==> flow/design.v <==
module add_unit_v2 #(
   parameter DWIDTH = 120,
   parameter GROUP = 6
) (
   input logic ck,
   input logic [DWIDTH-1:0] in_first,
   input logic [DWIDTH-1:0] in_second,
   input logic in_carry_in,
   output logic [DWIDTH-1:0] out_sum,
   output logic out_carry
);
   logic [DWIDTH-1:0] first_r;
   logic [DWIDTH-1:0] second_r;
   logic carry_in_r;
   localparam NG = DWIDTH / GROUP;
   logic [DWIDTH-1:0] r;
   logic [NG:0] chain;
   assign chain[0] = carry_in_r;
   for (genvar gi = 0; gi < NG; gi++) begin : gen
      wire [GROUP:0] s0 = first_r[gi*GROUP +: GROUP] + second_r[gi*GROUP +: GROUP];
      wire [GROUP:0] s1 = first_r[gi*GROUP +: GROUP] + second_r[gi*GROUP +: GROUP] + 1'b1;
      assign {chain[gi+1], r[gi*GROUP +: GROUP]} = chain[gi] ? s1 : s0;
   end
   always_ff @(posedge ck) begin
      first_r <= in_first;
      second_r <= in_second;
      carry_in_r <= in_carry_in;
      out_sum <= r;
      out_carry <= chain[NG];
   end
endmodule
======== From RTL to reports: add_unit_v2 ========
Tool output for the design above, in the order of the flow.
Lines are those of the file above, counted from 1.
Library cell names are shortened.
Not given: --
set-up
  top ..................................... add_unit_v2
  clock ................................... ck
  standard-cell library ................... sky130hd
  library corner .......................... tt_025C_1v80

======== Word-level counts ========
Yosys after proc, flatten, opt, wreduce and memory -nomap, before mapping. Enables and synchronous resets that opt folds into registers are not counted as muxes. Memory bits, and registers merged into a memory's read port (data or address), are not among the register bits. Print and check cells are not counted. Equal cells are merged and count once.
word-level totals
  bits in registers ....................... 362
  word-level cells ........................ 65
  input port bits ......................... 242
cells by class
  add/subtract/negate cells ............... 40
  mux-type cells .......................... 20
operators with widths
  operator                                      number
  adder 6 x 6 -> 7 bit                          20
  adder 7 x 1 -> 7 bit (second input constant)  20
  2-to-1 mux 7 bit                              20

======== Logic depth ========
Yosys ltp: most cells in a row. Word level: on the elaborated netlist, between registers, memories and ports. Mapped: between sequential cells and ports; inverters and the memories' decode and read muxes count.
logic depth
  depth in word-level cells ............... 22
  ABC_AREA ................................ 0
  depth in mapped cells ................... 23
  mapped depth without buffers ............ 23

======== Synthesis result ========
Source: synth_stat.txt of the flow (Yosys; design flattened, memories mapped). It holds for the ABC_AREA given above (unset counts as 0); a run with the other value may have another netlist.
cell types
  type      number  area in all (um^2)
  dfxtp_1   362     7246.95
  ha_1      140     1751.68
  xnor2_1   128     1.12E+03
  xor2_1    56      490.47
  fa_1      20      400.384
  a21o_1    44      330.317
  a21oi_1   65      325.312
  nand2_1   60      225.216
  inv_1     58      217.709
  nor2_1    58      217.709
  o21bai_1  27      202.694
  mux2_2    15      168.912
  nand4_1   25      156.4
  mux2i_1   15      150.144
  nand3_1   27      135.13
  o21ai_0   16      80.077
  and3_1    11      68.816
  nand3b_1  9       67.565
Other cell types: 45; their cells: 125.
mapped netlist
  mapped area ............................. 14360.0 um^2
  flip-flop cells ......................... 362
  buffer cells ............................ 0
  mapped cells ............................ 1261

======== Timing after synthesis ========
Path of least setup slack by OpenSTA after synthesis, without wires, with an ideal clock, recovery checks aside; 20% of the period is set as input and as output delay. Where synthesis merged equal registers, the netlist keeps one of their names.
timing path after synthesis
  path kind ............................... reg2reg
  start ................................... reg first_r[0]
  end ..................................... reg out_sum[115]
  stages .................................. 23
  data arrival time ....................... 7.018 ns
  library setup time ...................... 0.121 ns
  setup slack ............................. 1.780 ns
  delay of the path ....................... 7.139 ns
  period .................................. 8.92 ns
  required time ........................... 8.799 ns
  synthesis period reached ................ 7.14 ns
"delay of the path" is the arrival time less input delay plus setup time.
"stages": output pins that drive a net of the path, with the launching flip-flop's if there is one; two outputs of one cell count as two.
"synthesis period reached" = period - worst setup slack (recovery checks aside). The figure is calculated, with input and output delays left at 20% of the set period.
The rows between start and end are the longest chain of elaborated cells between them; the timing report does not say that the signal goes this way. Where chains are equally long, one stands for them.
A line is the first line of the expression or statement that the cell stems from. Yosys adds cells for indexed reads and writes and turns some case tables into memories.
between the ends, after synthesis
  path through ............................ dfxtp_1 > ha_1 > fa_1 > a211oi_1 > nor2_1 > or4_4 > or4b_4 > and2_4 > a2111oi_1 > o211a_2 > nand3_4 > a211oi_2 > mux2i_1 > mux2i_1 > mux2_2 > mux2i_1 > mux2i_1 > mux2i_1 > mux2i_1 > mux2i_2 > mux2i_4 > xnor2_1 > mux2_4
  length of the longest elaborated chain .. 22
  elaborated cells on any way between the ends .. 22
  those cells by class .................... add/sub (2); mux (20)
ends and longest elaborated chain, after synthesis
  what                  line  text
  start: declaration    12    logic [DWIDTH-1:0] first_r;
  start: assignment     25    first_r <= in_first;
  adder 6 x 6 -> 7 bit  21    wire [GROUP:0] s1 = first_r[gi*GROUP +: GROUP] + second_r[gi*GROUP +: GROUP] + 1'b1;
  adder 7 x 1 -> 7 bit  21
  2-to-1 mux 7 bit x20  22    assign {chain[gi+1], r[gi*GROUP +: GROUP]} = chain[gi] ? s1 : s0;
  end: assignment       28    out_sum <= r;
  end: declaration      9     output logic [DWIDTH-1:0] out_sum,

======== Worst path after layout ========
From the final timing report of entry A: the path of least setup slack in the routed layout; clock arrival at registers is part of the times.
timing path post-layout
  path kind ............................... reg2reg
  start ................................... reg first_r[0]
  end ..................................... reg out_sum[115]
  library setup time ...................... 0.11 ns
  setup slack ............................. 0.12 ns
  required time ........................... 8.67 ns
  data arrival time ....................... 8.54 ns
  stages .................................. 23
  period .................................. 8.26 ns
The rows between start and end are the longest chain of elaborated cells between them; the timing report does not say that the signal goes this way. Where chains are equally long, one stands for them.
between the ends, post-layout
  path through ............................ dfxtp_1 > ha_1 > fa_1 > a211oi_1 > nor2_1 > or4_4 > o311ai_0 > a2111oi_0 > a2111oi_1 > o211a_2 > nand3_4 > a211oi_2 > mux2i_1 > mux2i_1 > mux2_2 > mux2i_1 > mux2i_1 > mux2i_1 > mux2i_1 > mux2i_2 > mux2i_4 > xnor2_1 > mux2_4
  length of the longest elaborated chain .. 22
  elaborated cells on any way between the ends .. 22
  those cells by class .................... add/sub (2); mux (20)
ends and longest elaborated chain, post-layout
  what                  line  text
  start: declaration    12    logic [DWIDTH-1:0] first_r;
  start: assignment     25    first_r <= in_first;
  adder 6 x 6 -> 7 bit  21    wire [GROUP:0] s1 = first_r[gi*GROUP +: GROUP] + second_r[gi*GROUP +: GROUP] + 1'b1;
  adder 7 x 1 -> 7 bit  21
  2-to-1 mux 7 bit x20  22    assign {chain[gi+1], r[gi*GROUP +: GROUP]} = chain[gi] ? s1 : s0;
  end: assignment       28    out_sum <= r;
  end: declaration      9     output logic [DWIDTH-1:0] out_sum,

Measured results for add_unit_v2: 3 stored runs of the Yosys and OpenROAD flow on sky130hd. The settings differ; the order carries no meaning. The constraints put input and output delay at 20% of the set period each and load the outputs with 0.01 pF.
"achieved clock period (ns)" is the run's clock period less its worst setup slack. It is reckoned from that one timing run; input and output delays stay at 20% of the period that was set.
"worst setup path time (ns)": the worst setup path's part of the clock period (all of it between registers, 20% less for each end at a port) less its slack. A launch clock that arrives late makes it longer, a capture clock that arrives late makes it shorter.
By "finish__power__total" is meant OpenSTA's value without simulated activity: inputs other than the clock are taken to toggle once in ten clock periods, and the tool carries that through the logic.

Flow files of entry A
==> flow/run.sh <==
#!/bin/bash
# the make line also repeats the synthesis and layout settings of config.mk as NAME=value (left out here)
make -C /OpenROAD-flow-scripts/flow DESIGN_CONFIG=/design/flow/config.mk WORK_HOME=/design/flow/orfs CLKGATE_MAP_FILE= finish
==> flow/config.mk <==
export PLATFORM = sky130hd
export DESIGN_NAME = add_unit_v2
export DESIGN_NICKNAME = add_unit_v2
export VERILOG_FILES = /design/flow/design.v
export SDC_FILE = /design/flow/constraint.sdc
export NUM_CORES = 4
export LEC_CHECK = 0
export CAP_MARGIN = 20
export CORE_MARGIN = 5
export CORE_UTILIZATION = 52
export MAX_ROUTING_LAYER = met5
export MIN_ROUTING_LAYER = met2
export PLACE_DENSITY_LB_ADDON = 0.08
export SETUP_SLACK_MARGIN = -0.81
export SLEW_MARGIN = 20
export TNS_END_PERCENT = 60
==> flow/constraint.sdc <==
create_clock -name core_clock -period 8.26 [get_ports {ck}]
set_input_delay 1.6520 -clock core_clock [delete_from_list [all_inputs] [get_ports {ck}]]
set_output_delay 1.6520 -clock core_clock [all_outputs]
set_load 0.01 [all_outputs]

report of entry A
yosys chip area after synthesis (um^2): 14360.0
finish__design__die__area: 31039.4
finish__design__instance__utilization: 0.7282
finish__timing__setup__ws: 0.123
finish__timing__setup__tns: 0.000
finish__power__total: 4.873e-03
achieved clock period (ns): 8.137
worst setup path time (ns): 8.14
worst setup path kind: reg2reg

Flow files of entry B
==> flow/run.sh <==
#!/bin/bash
# the make line also repeats the synthesis and layout settings of config.mk as NAME=value (left out here)
make -C /OpenROAD-flow-scripts/flow DESIGN_CONFIG=/design/flow/config.mk WORK_HOME=/design/flow/orfs CLKGATE_MAP_FILE= finish
==> flow/config.mk <==
export PLATFORM = sky130hd
export DESIGN_NAME = add_unit_v2
export DESIGN_NICKNAME = add_unit_v2
export VERILOG_FILES = /design/flow/design.v
export SDC_FILE = /design/flow/constraint.sdc
export NUM_CORES = 4
export LEC_CHECK = 0
export CAP_MARGIN = 20
export CORE_MARGIN = 2
export CORE_UTILIZATION = 40
export SLEW_MARGIN = 20
==> flow/constraint.sdc <==
create_clock -name core_clock -period 8.92 [get_ports {ck}]
set_input_delay 1.7840 -clock core_clock [delete_from_list [all_inputs] [get_ports {ck}]]
set_output_delay 1.7840 -clock core_clock [all_outputs]
set_load 0.01 [all_outputs]

report of entry B
yosys chip area after synthesis (um^2): 14360.0
finish__design__die__area: 37432.6
finish__design__instance__utilization: 0.5610
finish__timing__setup__ws: 0.885
finish__timing__setup__tns: 0.000
finish__power__total: 4.585e-03
achieved clock period (ns): 8.035
worst setup path time (ns): 8.04
worst setup path kind: reg2reg

Flow files of entry C
==> flow/run.sh <==
#!/bin/bash
# the make line also repeats the synthesis and layout settings of config.mk as NAME=value (left out here)
make -C /OpenROAD-flow-scripts/flow DESIGN_CONFIG=/design/flow/config.mk WORK_HOME=/design/flow/orfs CLKGATE_MAP_FILE= finish
==> flow/config.mk <==
export PLATFORM = sky130hd
export DESIGN_NAME = add_unit_v2
export DESIGN_NICKNAME = add_unit_v2
export VERILOG_FILES = /design/flow/design.v
export SDC_FILE = /design/flow/constraint.sdc
export NUM_CORES = 4
export LEC_CHECK = 0
export ABC_AREA = 0
export CAP_MARGIN = 20
export CELL_PAD_IN_SITES_DETAIL_PLACEMENT = 1
export CELL_PAD_IN_SITES_GLOBAL_PLACEMENT = 0
export CORE_MARGIN = 2
export CORE_UTILIZATION = 29
export GPL_TIMING_DRIVEN = 1
export MAX_ROUTING_LAYER = met4
export MIN_ROUTING_LAYER = met1
export PLACE_DENSITY_LB_ADDON = 0.07
export SETUP_SLACK_MARGIN = 2.85
export SLEW_MARGIN = 30
export TNS_END_PERCENT = 60
==> flow/constraint.sdc <==
create_clock -name core_clock -period 10.7 [get_ports {ck}]
set_input_delay 2.1400 -clock core_clock [delete_from_list [all_inputs] [get_ports {ck}]]
set_output_delay 2.1400 -clock core_clock [all_outputs]
set_load 0.01 [all_outputs]

report of entry C
yosys chip area after synthesis (um^2): 14360.0
finish__design__die__area: 51313.6
finish__design__instance__utilization: 0.4166
finish__timing__setup__ws: 3.252
finish__timing__setup__tns: 0.000
finish__power__total: 3.934e-03
achieved clock period (ns): 7.448
worst setup path time (ns): 7.45
worst setup path kind: reg2reg
